==> flow/design.v <==
module dp_ram_block_rtl (ck, write, wsel, wr_data, ra, rd);
  parameter NREGS = 64;
  parameter W = 2;
  localparam ADDR_WIDTH = $clog2(NREGS);
  input ck;
  input write;
  input [ADDR_WIDTH-1:0] wsel;
  input [W-1:0] wr_data;
  input [ADDR_WIDTH-1:0] ra;
  output [W-1:0] rd;
  reg [W-1:0] array [0:NREGS-1];
  always @(posedge ck) begin
    if (write)
      array[wsel] <= wr_data;
  end
  assign rd = array[ra];
endmodule
**Reports on dp_ram_block_rtl**

Tool output for the design above, in the order of the flow.
Line numbers count from 1 in the design file above.
Operators: Yosys type, input widths -> output width; for muxes data width and select width s.
Cell names lack the library's common part.
A cell with -- has no value.

- Design top: dp_ram_block_rtl
- Clock: ck
- Library: sky130hd
- Timing corner: tt_025C_1v80

**After elaboration**

Source: Yosys, flattened and elaborated, memories not mapped. Widths are those after wreduce; folded enables and synchronous resets count as part of the registers. Registers that Yosys merges into a memory's read port (data or address) are not register bits. Print and check cells do not count. Equal cells are merged and count once.
Yosys's memory passes give these memory sizes; they may raise the number of words (mostly to a power of two), join words into wider ones and drop unused or constant bits.

- Mux-type cells: 3

Operators with widths:

| operator | number |
|---|---|
| $mux 6 | 1 |
| $mux 2 | 1 |
| $mux 1 | 1 |

- Bits in registers: 0
- Bits in writable memories: 128
- Memories kept: 1
- Bits of input ports: 16
- Output and inout bits: 2
- Elaborated cells: 4

Memory list:

| name | words | width | read ports | write ports | line | text |
|---|---|---|---|---|---|---|
| array | 64 | 2 | 1 | 1 | 11 | `reg [W-1:0] array [0:NREGS-1];` |

**Longest topological paths**

Longest topological path by Yosys (ltp), each cell counted once; first at word level (registers and memories cut), then after technology mapping (sequential cells cut; the memories' decode and read muxes count).

- Depth in word-level cells: 1
- ABC_AREA: 0
- Mapped depth: 7

**Mapped cells and area**

Source: synth_stat.txt of the flow (Yosys; design flattened, memories mapped). It holds for the ABC_AREA given above (unset counts as 0); a run with the other value may have another netlist.

Cell types:

| type | number | area in all (um^2) |
|---|---|---|
| edfxtp_1 | 128 | 3.84E+03 |
| mux4_2 | 29 | 653.126 |
| nor2_1 | 70 | 262.752 |
| nand2_1 | 14 | 52.55 |
| mux2i_1 | 5 | 50.048 |
| a22oi_1 | 6 | 45.043 |
| nor2b_1 | 7 | 43.792 |
| clkbuf_1 | 11 | 41.29 |
| nand3_1 | 7 | 35.034 |
| buf_6 | 3 | 33.782 |
| nand3b_1 | 4 | 30.029 |
| a311oi_1 | 3 | 26.275 |
| nand2b_1 | 4 | 25.024 |
| a22o_1 | 2 | 17.517 |
| a21o_1 | 2 | 15.014 |
| o21ai_0 | 3 | 15.014 |
| nand4_1 | 2 | 12.512 |
| mux2_2 | 1 | 11.261 |

Other cell types: 18; their cells: 21.

- Cells in the netlist: 322
- Synthesis area: 5357.6 um^2
- Sequential area: 3843.7 um^2
- Mapped flip-flops: 128

**Worst setup path after synthesis**

Path of least setup slack by OpenSTA after synthesis, without wires, with an ideal clock, recovery checks aside; 20% of the period is set as input and as output delay. Where synthesis merged equal registers, the netlist keeps one of their names.

- Path type: input to output
- From: input ra[0]
- To: output rd[0]
- Clock period: 2940 ps
- External input delay: 588 ps
- External output delay: 588 ps
- Time at the first pin: 588 ps
- Arrival time: 1999 ps
- Data required time: 2352 ps
- Path slack: 353 ps
- Path delay: 1411 ps
- Stages: 7
- Buffers on the path: 2
- Synthesis period reached: 2587 ps

"path delay" = arrival - input delay + setup time.
A path that ends at an output port has no setup time.
"stages": output pins that drive a net of the path, with the launching flip-flop's if there is one; two outputs of one cell count as two.
"synthesis period reached" is the clock period less the worst setup slack; recovery checks do not enter. This is arithmetic on one report: input and output delays are still those of the set period (20% each).
The rows between start and end are the longest chain of elaborated cells between them; the timing report does not say that the signal goes this way. Where chains are equally long, one stands for them.
A line is the first line of the expression or statement that the cell stems from. Yosys adds cells for indexed reads and writes and turns some case tables into memories.
The chain passes a memory read, where the word-level depth is cut; so it can be longer than that depth.

- Path through: buf_6 > buf_6 > mux4_2 > a22oi_1 > a21o_1 > a21oi_1 > a211o_1
- Cells in the longest elaborated chain: 1

Ends and longest elaborated chain, post-synthesis:

| what | line | text |
|---|---|---|
| from (decl) | 9 | `input [ADDR_WIDTH-1:0] ra;` |
| $mem_v2 64x2 | 11 | `reg [W-1:0] array [0:NREGS-1];` |
| to (decl) | 10 | `output [W-1:0] rd;` |

**Timing after layout**

From the final timing report of job 1: the path of least setup slack in the routed layout; clock arrival at registers is part of the times.
The path's times are printed in steps of 10 ps; the period is the one set.

- Path type: input to output
- From: input ra[3]
- To: output rd[1]
- Clock period: 3000 ps
- External input delay: 600 ps
- External output delay: 600 ps
- Time at the first pin: 600 ps
- Arrival time: 2290 ps
- Data required time: 2400 ps
- Path slack: 110 ps
- Stages: 7
- Buffers on the path: 3

The rows between start and end are the longest chain of elaborated cells between them; the timing report does not say that the signal goes this way. Where chains are equally long, one stands for them.
The chain passes a memory read, where the word-level depth is cut; so it can be longer than that depth.

- Path through: clkdlybuf4s50_1 > buf_6 > mux4_2 > o21a_1 > a311oi_2 > a311oi_2 > buf_2
- Cells in the longest elaborated chain: 1

Ends and longest elaborated chain, post-layout:

| what | line | text |
|---|---|---|
| from (decl) | 9 | `input [ADDR_WIDTH-1:0] ra;` |
| $mem_v2 64x2 | 11 | `reg [W-1:0] array [0:NREGS-1];` |
| to (decl) | 10 | `output [W-1:0] rd;` |

Add stored flow runs of dp_ram_block_rtl

Record of 3 stored runs of the RTL-to-layout flow on dp_ram_block_rtl, platform sky130hd. The runs are unordered. Constraints: input delay and output delay 20% of the set period each, output load 0.01 pF.
"period achieved" means the clock period less the worst setup slack. The figure is calculated, with input and output delays left at 20% of the set period.
"time used up by the worst setup path" = time allowed to the worst setup path (clock period - input delay - output delay, where it has them) - its slack; a late launch clock adds to it, a late capture clock takes from it.
"power consumption" rests on the timing tool's default activity at the inputs, not on a simulated workload.
"time used up by the worst setup path" is known to 10 ps.

### Job 1

Settings: `period_ns=3.0`, `CORE_UTILIZATION=61`, `SETUP_SLACK_MARGIN=0.37`, `PLACE_DENSITY_LB_ADDON=0.13`, `CELL_PAD_IN_SITES_GLOBAL_PLACEMENT=0`, `TNS_END_PERCENT=5`, `GPL_ROUTABILITY_DRIVEN=0`, `SLEW_MARGIN=20`, `MIN_ROUTING_LAYER=met1`, `MAX_ROUTING_LAYER=met4`, `CAP_MARGIN=20`, `CORE_MARGIN=2`

- Period achieved: 2889 ps
- Worst slack on setup checks: 111 ps
- Power consumption: 4.293 mW
- Standard-cell area after layout: 6572.6 um^2
- Time used up by the worst setup path: 1690 ps
- Type of the worst setup path: input to output
- Worst hold slack after layout: 618 ps
- Final utilization: 76.1%
- Post-route setup TNS: 0 ps
- Die footprint: 9548.2 um^2
- Chip area in the Yosys report: 5357.6 um^2

### Job 2

Settings: `period_ns=3.03`, `CORE_UTILIZATION=35`, `SETUP_SLACK_MARGIN=-0.2`, `PLACE_DENSITY_LB_ADDON=0.2`, `CELL_PAD_IN_SITES_GLOBAL_PLACEMENT=2`, `CELL_PAD_IN_SITES_DETAIL_PLACEMENT=2`, `ABC_AREA=1`, `GPL_TIMING_DRIVEN=0`, `CTS_CLUSTER_SIZE=65`, `CTS_CLUSTER_DIAMETER=203`, `SLEW_MARGIN=35`, `CAP_MARGIN=20`, `CORE_MARGIN=2`

- Worst slack on setup checks: -80 ps
- Worst hold slack after layout: 512 ps
- Period achieved: 3110 ps
- Standard-cell area after layout: 6576.3 um^2
- Power consumption: 4.171 mW
- Die footprint: 16952.0 um^2
- Post-route setup TNS: -145 ps
- Time used up by the worst setup path: 1900 ps
- Type of the worst setup path: input to output
- Chip area in the Yosys report: 5574.1 um^2
- Final utilization: 41.9%

### Job 3

Settings: `period_ns=2.94`, `CAP_MARGIN=20`, `CORE_MARGIN=2`, `CORE_UTILIZATION=40`, `SLEW_MARGIN=20`

- Die footprint: 14335.3 um^2
- Chip area in the Yosys report: 5357.6 um^2
- Power consumption: 4.269 mW
- Period achieved: 2869 ps
- Worst hold slack after layout: 700 ps
- Time used up by the worst setup path: 1690 ps
- Type of the worst setup path: input to output
- Post-route setup TNS: 0 ps
- Worst slack on setup checks: 71 ps
- Final utilization: 50.2%
- Standard-cell area after layout: 6588.8 um^2
